==> flow/design.v <==
module summer #(
  parameter int XLEN = 24,
  parameter int BS = 4
) (
  input  logic CLK,
  input  logic [XLEN-1:0] i_first,
  input  logic [XLEN-1:0] i_second,
  input  logic i_cy_in,
  output logic [XLEN-1:0] o_res,
  output logic o_cy
);
  logic [XLEN-1:0] first_ff;
  logic [XLEN-1:0] second_ff;
  logic cy_in_ff;
  always_ff @(posedge CLK) begin
    first_ff <= i_first;
    second_ff <= i_second;
    cy_in_ff <= i_cy_in;
  end
  localparam int NG = XLEN / BS;
  logic [XLEN-1:0] val;
  logic [NG:0] chain;
  assign chain[0] = cy_in_ff;
  for (genvar ii = 0; ii < NG; ii++) begin : g_bit
    wire [BS:0] s0 = first_ff[ii*BS +: BS] + second_ff[ii*BS +: BS];
    wire [BS:0] s1 = first_ff[ii*BS +: BS] + second_ff[ii*BS +: BS] + 1'b1;
    assign {chain[ii+1], val[ii*BS +: BS]} = chain[ii] ? s1 : s0;
  end
  assign o_res = val;
  assign o_cy = chain[NG];
endmodule
# Tool chain data of summer
# What the tools print for summer, step after step.
# Lines are those of the file above, counted from 1.
# Not given: --
[design]
top = "summer"
clock_port = "CLK"
lib = "sky130hd"
pvt_corner = "tt_025C_1v80"

# Word level
# Counts by Yosys on the flattened word-level netlist (proc, flatten, opt, wreduce; memories kept). Register bits leave out memories and registers merged into their read ports (data or address); mux counts leave out enables and synchronous resets folded into registers. Print and check cells are left out. Cells with the same type and inputs are merged into one.
[classes]
mux = 6
n_addsub = 12
[op_table]
columns = ["operator", "count"]
rows = [
  ["adder 4 x 4 -> 5 bit", 6],
  ["adder 5 x 1 -> 5 bit (second input constant)", 6],
  ["two-way mux 5 bit", 6],
]
[word_totals]
inputBits = 50
regBits = 49

# Longest topological paths
# Yosys ltp: most cells in a row. Word level: on the elaborated netlist, between registers, memories and ports. Mapped: between sequential cells and ports; inverters and the memories' decode and read muxes count.
[depth]
ltp_word = 8
abc_area = 0
ltp_mapped = 13
mapped_depth_nobuf = 13

# Synthesis result
# Yosys stat after the flow's synthesis: flattened, memories mapped to cells. It holds for the ABC_AREA given above (unset counts as 0); a run with the other value may have another netlist.
# Totals and module areas in this step are rounded.
[synth_totals]
n_buf = 1
stdcells = 204
synth_area_mm2 = 0.0024
ffs = 49
[types]
columns = ["type", "count", "area_total_um2"]
rows = [
  ["sky130_fd_sc_hd__dfxtp_1", 49, 980.941],
  ["sky130_fd_sc_hd__ha_1", 30, 375.36],
  ["sky130_fd_sc_hd__xnor2_1", 19, 166.41],
  ["sky130_fd_sc_hd__fa_1", 6, 120.115],
  ["sky130_fd_sc_hd__xor2_1", 13, 113.859],
  ["sky130_fd_sc_hd__a21oi_1", 13, 65.062],
  ["sky130_fd_sc_hd__a21o_1", 8, 60.058],
  ["sky130_fd_sc_hd__mux2_2", 5, 56.304],
  ["sky130_fd_sc_hd__nand4_1", 7, 43.792],
  ["sky130_fd_sc_hd__nand2_1", 11, 41.29],
  ["sky130_fd_sc_hd__mux2i_1", 3, 30.029],
  ["sky130_fd_sc_hd__a21o_2", 3, 26.275],
  ["sky130_fd_sc_hd__a2111o_1", 2, 22.522],
  ["sky130_fd_sc_hd__mux2i_4", 1, 22.522],
  ["sky130_fd_sc_hd__a21oi_4", 1, 16.266],
  ["sky130_fd_sc_hd__nor3_4", 1, 16.266],
  ["sky130_fd_sc_hd__xnor2_2", 1, 16.266],
  ["sky130_fd_sc_hd__xor2_2", 1, 16.266],
]
# Not listed: further types 21, cells in them 30.

# Worst setup path after synthesis
# Path of least setup slack by OpenSTA after synthesis, without wires, with an ideal clock, recovery checks aside; 20% of the period is set as input and as output delay. Where synthesis merged equal registers, the netlist keeps one of their names.
[synth_path]
path_kind = "register to output"
start = "register first_ff[0]"
end = "output o_res[21]"
path_buffers = 0
launch_ns = 0.000
path_delay_ns = 3.588
slack_ns = 0.900
required_ns = 4.488
output_delay_ns = 1.122
driving_pins = 14
t_arrival_ns = 3.588
tclk_ns = 5.61
synth_period_reached_ns = 4.71
# "path_delay_ns" is the arrival time less input delay plus setup time.
# A path that ends at an output port has no setup time.
# "driving_pins" counts driving pins, that of a launching flip-flop among them; a cell with two outputs on the path counts twice.
# "synth_period_reached_ns" = period - worst setup slack (recovery checks aside). The figure is calculated, with input and output delays left at 20% of the set period.
# Between the ends stands the longest chain of elaborated cells between them, by number of cells; it is not shown to be the way that was timed. Of several equally long chains one is given.
# Each line given opens the expression or statement behind the cell; cells for indexed reads and writes are added by Yosys, which also makes memories of some case tables.
[synth_between]
cell_sequence = "sky130_fd_sc_hd__dfxtp_1 -> sky130_fd_sc_hd__ha_1 -> sky130_fd_sc_hd__fa_1 -> sky130_fd_sc_hd__ha_1 -> sky130_fd_sc_hd__nand2_1 -> sky130_fd_sc_hd__a2111oi_2 -> sky130_fd_sc_hd__o41a_1 -> sky130_fd_sc_hd__a21oi_4 -> sky130_fd_sc_hd__a2111o_1 -> sky130_fd_sc_hd__and3_4 -> sky130_fd_sc_hd__nor3_4 -> sky130_fd_sc_hd__mux2i_4 -> sky130_fd_sc_hd__xnor2_2 -> sky130_fd_sc_hd__mux2_1"
elab_chain_cells = 8
cells_between = 8
classes_between = "add/sub: 2; mux: 6"
[synth_lines]
columns = ["element", "line", "rtl"]
rows = [
  ["start: declaration", 12, "logic [XLEN-1:0] first_ff;"],
  ["start: assignment", 16, "first_ff <= i_first;"],
  ["adder 4 x 4 -> 5 bit", 26, "wire [BS:0] s1 = first_ff[ii*BS +: BS] + second_ff[ii*BS +: BS] + 1'b1;"],
  ["adder 5 x 1 -> 5 bit", 26, ""],
  ["two-way mux 5 bit x6", 27, "assign {chain[ii+1], val[ii*BS +: BS]} = chain[ii] ? s1 : s0;"],
  ["end: declaration", 9, "output logic [XLEN-1:0] o_res,"],
]

# Worst path after layout
# Path of least setup slack in the final report of job 1 (OpenROAD, finished layout, wires in). Where an end is a register, its clock arrival counts in the times.
[layout_path]
path_kind = "register to output"
start = "register first_ff[4]"
end = "output o_res[23]"
slack_ns = -1.13
driving_pins = 16
path_buffers = 3
output_delay_ns = 0.67
t_arrival_ns = 3.80
launch_ns = 0.29
tclk_ns = 3.34
required_ns = 2.67
# Between the ends stands the longest chain of elaborated cells between them, by number of cells; it is not shown to be the way that was timed. Of several equally long chains one is given.
[layout_between]
cell_sequence = "sky130_fd_sc_hd__dfxtp_1 -> sky130_fd_sc_hd__ha_2 -> sky130_fd_sc_hd__fa_2 -> sky130_fd_sc_hd__nor2b_1 -> sky130_fd_sc_hd__or2_1 -> sky130_fd_sc_hd__a22o_2 -> sky130_fd_sc_hd__o211a_1 -> sky130_fd_sc_hd__a2111o_1 -> sky130_fd_sc_hd__and3_4 -> sky130_fd_sc_hd__nor3_4 -> sky130_fd_sc_hd__mux2i_4 -> sky130_fd_sc_hd__buf_6 -> sky130_fd_sc_hd__buf_6 -> sky130_fd_sc_hd__mux2i_2 -> sky130_fd_sc_hd__xnor2_1 -> sky130_fd_sc_hd__buf_2"
elab_chain_cells = 7
cells_between = 7
classes_between = "add/sub: 2; mux: 5"
[layout_lines]
columns = ["element", "line", "rtl"]
rows = [
  ["start: declaration", 12, "logic [XLEN-1:0] first_ff;"],
  ["start: assignment", 16, "first_ff <= i_first;"],
  ["adder 4 x 4 -> 5 bit", 26, "wire [BS:0] s1 = first_ff[ii*BS +: BS] + second_ff[ii*BS +: BS] + 1'b1;"],
  ["adder 5 x 1 -> 5 bit", 26, ""],
  ["two-way mux 5 bit x5", 27, "assign {chain[ii+1], val[ii*BS +: BS]} = chain[ii] ? s1 : s0;"],
  ["end: declaration", 9, "output logic [XLEN-1:0] o_res,"],
]

==> runs of summer <==
Settings and measured results of 3 stored flow runs for module summer (sky130hd), not sorted in any way. The constraints put input and output delay at 20% of the set period each and load the outputs with 0.01 pF.
"timing.worst_path_ns" is the time allowed to the run's worst setup path (the clock period less input and output delay, where it has them) less its slack. Clock arrival times count: a late capture clock shortens it, a late launch clock lengthens it.
By "design_power_mw" is meant OpenSTA's value without simulated activity: inputs other than the clock are taken to toggle once in ten clock periods, and the tool carries that through the logic.
The results are shown rounded.

# job 1
==> flow/run.sh <==
#!/bin/bash
# the make line also repeats the synthesis and layout settings of config.mk as NAME=value (left out here)
make -C /OpenROAD-flow-scripts/flow DESIGN_CONFIG=/design/flow/config.mk WORK_HOME=/design/flow/orfs CLKGATE_MAP_FILE= finish
==> flow/config.mk <==
export PLATFORM = sky130hd
export DESIGN_NAME = summer
export DESIGN_NICKNAME = summer
export VERILOG_FILES = /design/flow/design.v
export SDC_FILE = /design/flow/constraint.sdc
export NUM_CORES = 4
export LEC_CHECK = 0
export CAP_MARGIN = 20
export CELL_PAD_IN_SITES_DETAIL_PLACEMENT = 0
export CELL_PAD_IN_SITES_GLOBAL_PLACEMENT = 0
export CORE_MARGIN = 2
export CORE_UTILIZATION = 38
export CTS_CLUSTER_DIAMETER = 92
export MIN_ROUTING_LAYER = met1
export PLACE_DENSITY_LB_ADDON = 0.25
export SLEW_MARGIN = 20
export TNS_END_PERCENT = 30
==> flow/constraint.sdc <==
create_clock -name core_clock -period 3.34 [get_ports {CLK}]
set_input_delay 0.6680 -clock core_clock [delete_from_list [all_inputs] [get_ports {CLK}]]
set_output_delay 0.6680 -clock core_clock [all_outputs]
set_load 0.01 [all_outputs]

==> job 1: results <==
synth_chip_area_mm2=0.0024
final_die_area_mm2=0.007
utilization_pct=61
timing.setup.ws_ns=-1.1
hold_worst_slack_ns=0.80
design_power_mw=1.6
timing.worst_path_ns=3.80
worstPathKind="register to output"

# job 2
==> flow/run.sh <==
#!/bin/bash
# the make line also repeats the synthesis and layout settings of config.mk as NAME=value (left out here)
make -C /OpenROAD-flow-scripts/flow DESIGN_CONFIG=/design/flow/config.mk WORK_HOME=/design/flow/orfs CLKGATE_MAP_FILE= finish
==> flow/config.mk <==
export PLATFORM = sky130hd
export DESIGN_NAME = summer
export DESIGN_NICKNAME = summer
export VERILOG_FILES = /design/flow/design.v
export SDC_FILE = /design/flow/constraint.sdc
export NUM_CORES = 4
export LEC_CHECK = 0
export CAP_MARGIN = 20
export CORE_MARGIN = 2
export CORE_UTILIZATION = 40
export SLEW_MARGIN = 20
==> flow/constraint.sdc <==
create_clock -name core_clock -period 5.61 [get_ports {CLK}]
set_input_delay 1.1220 -clock core_clock [delete_from_list [all_inputs] [get_ports {CLK}]]
set_output_delay 1.1220 -clock core_clock [all_outputs]
set_load 0.01 [all_outputs]

==> job 2: results <==
synth_chip_area_mm2=0.0024
final_die_area_mm2=0.0067
utilization_pct=58
timing.setup.ws_ns=0.23
hold_worst_slack_ns=1.3
design_power_mw=0.95
timing.worst_path_ns=4.26
worstPathKind="register to output"

# job 3
==> flow/run.sh <==
#!/bin/bash
# the make line also repeats the synthesis and layout settings of config.mk as NAME=value (left out here)
make -C /OpenROAD-flow-scripts/flow DESIGN_CONFIG=/design/flow/config.mk WORK_HOME=/design/flow/orfs CLKGATE_MAP_FILE= finish
==> flow/config.mk <==
export PLATFORM = sky130hd
export DESIGN_NAME = summer
export DESIGN_NICKNAME = summer
export VERILOG_FILES = /design/flow/design.v
export SDC_FILE = /design/flow/constraint.sdc
export NUM_CORES = 4
export LEC_CHECK = 0
export CAP_MARGIN = 20
export CORE_MARGIN = 2
export CORE_UTILIZATION = 20
export GPL_ROUTABILITY_DRIVEN = 1
export HOLD_SLACK_MARGIN = 0.27
export PLACE_DENSITY = 0.85
export SETUP_SLACK_MARGIN = 2.42
export SLEW_MARGIN = 20
export TNS_END_PERCENT = 40
==> flow/constraint.sdc <==
create_clock -name core_clock -period 8.27 [get_ports {CLK}]
set_input_delay 1.6540 -clock core_clock [delete_from_list [all_inputs] [get_ports {CLK}]]
set_output_delay 1.6540 -clock core_clock [all_outputs]
set_load 0.01 [all_outputs]

==> job 3: results <==
synth_chip_area_mm2=0.0024
final_die_area_mm2=0.013
utilization_pct=31
timing.setup.ws_ns=2.4
hold_worst_slack_ns=1.8
design_power_mw=0.74
timing.worst_path_ns=4.21
worstPathKind="register to output"
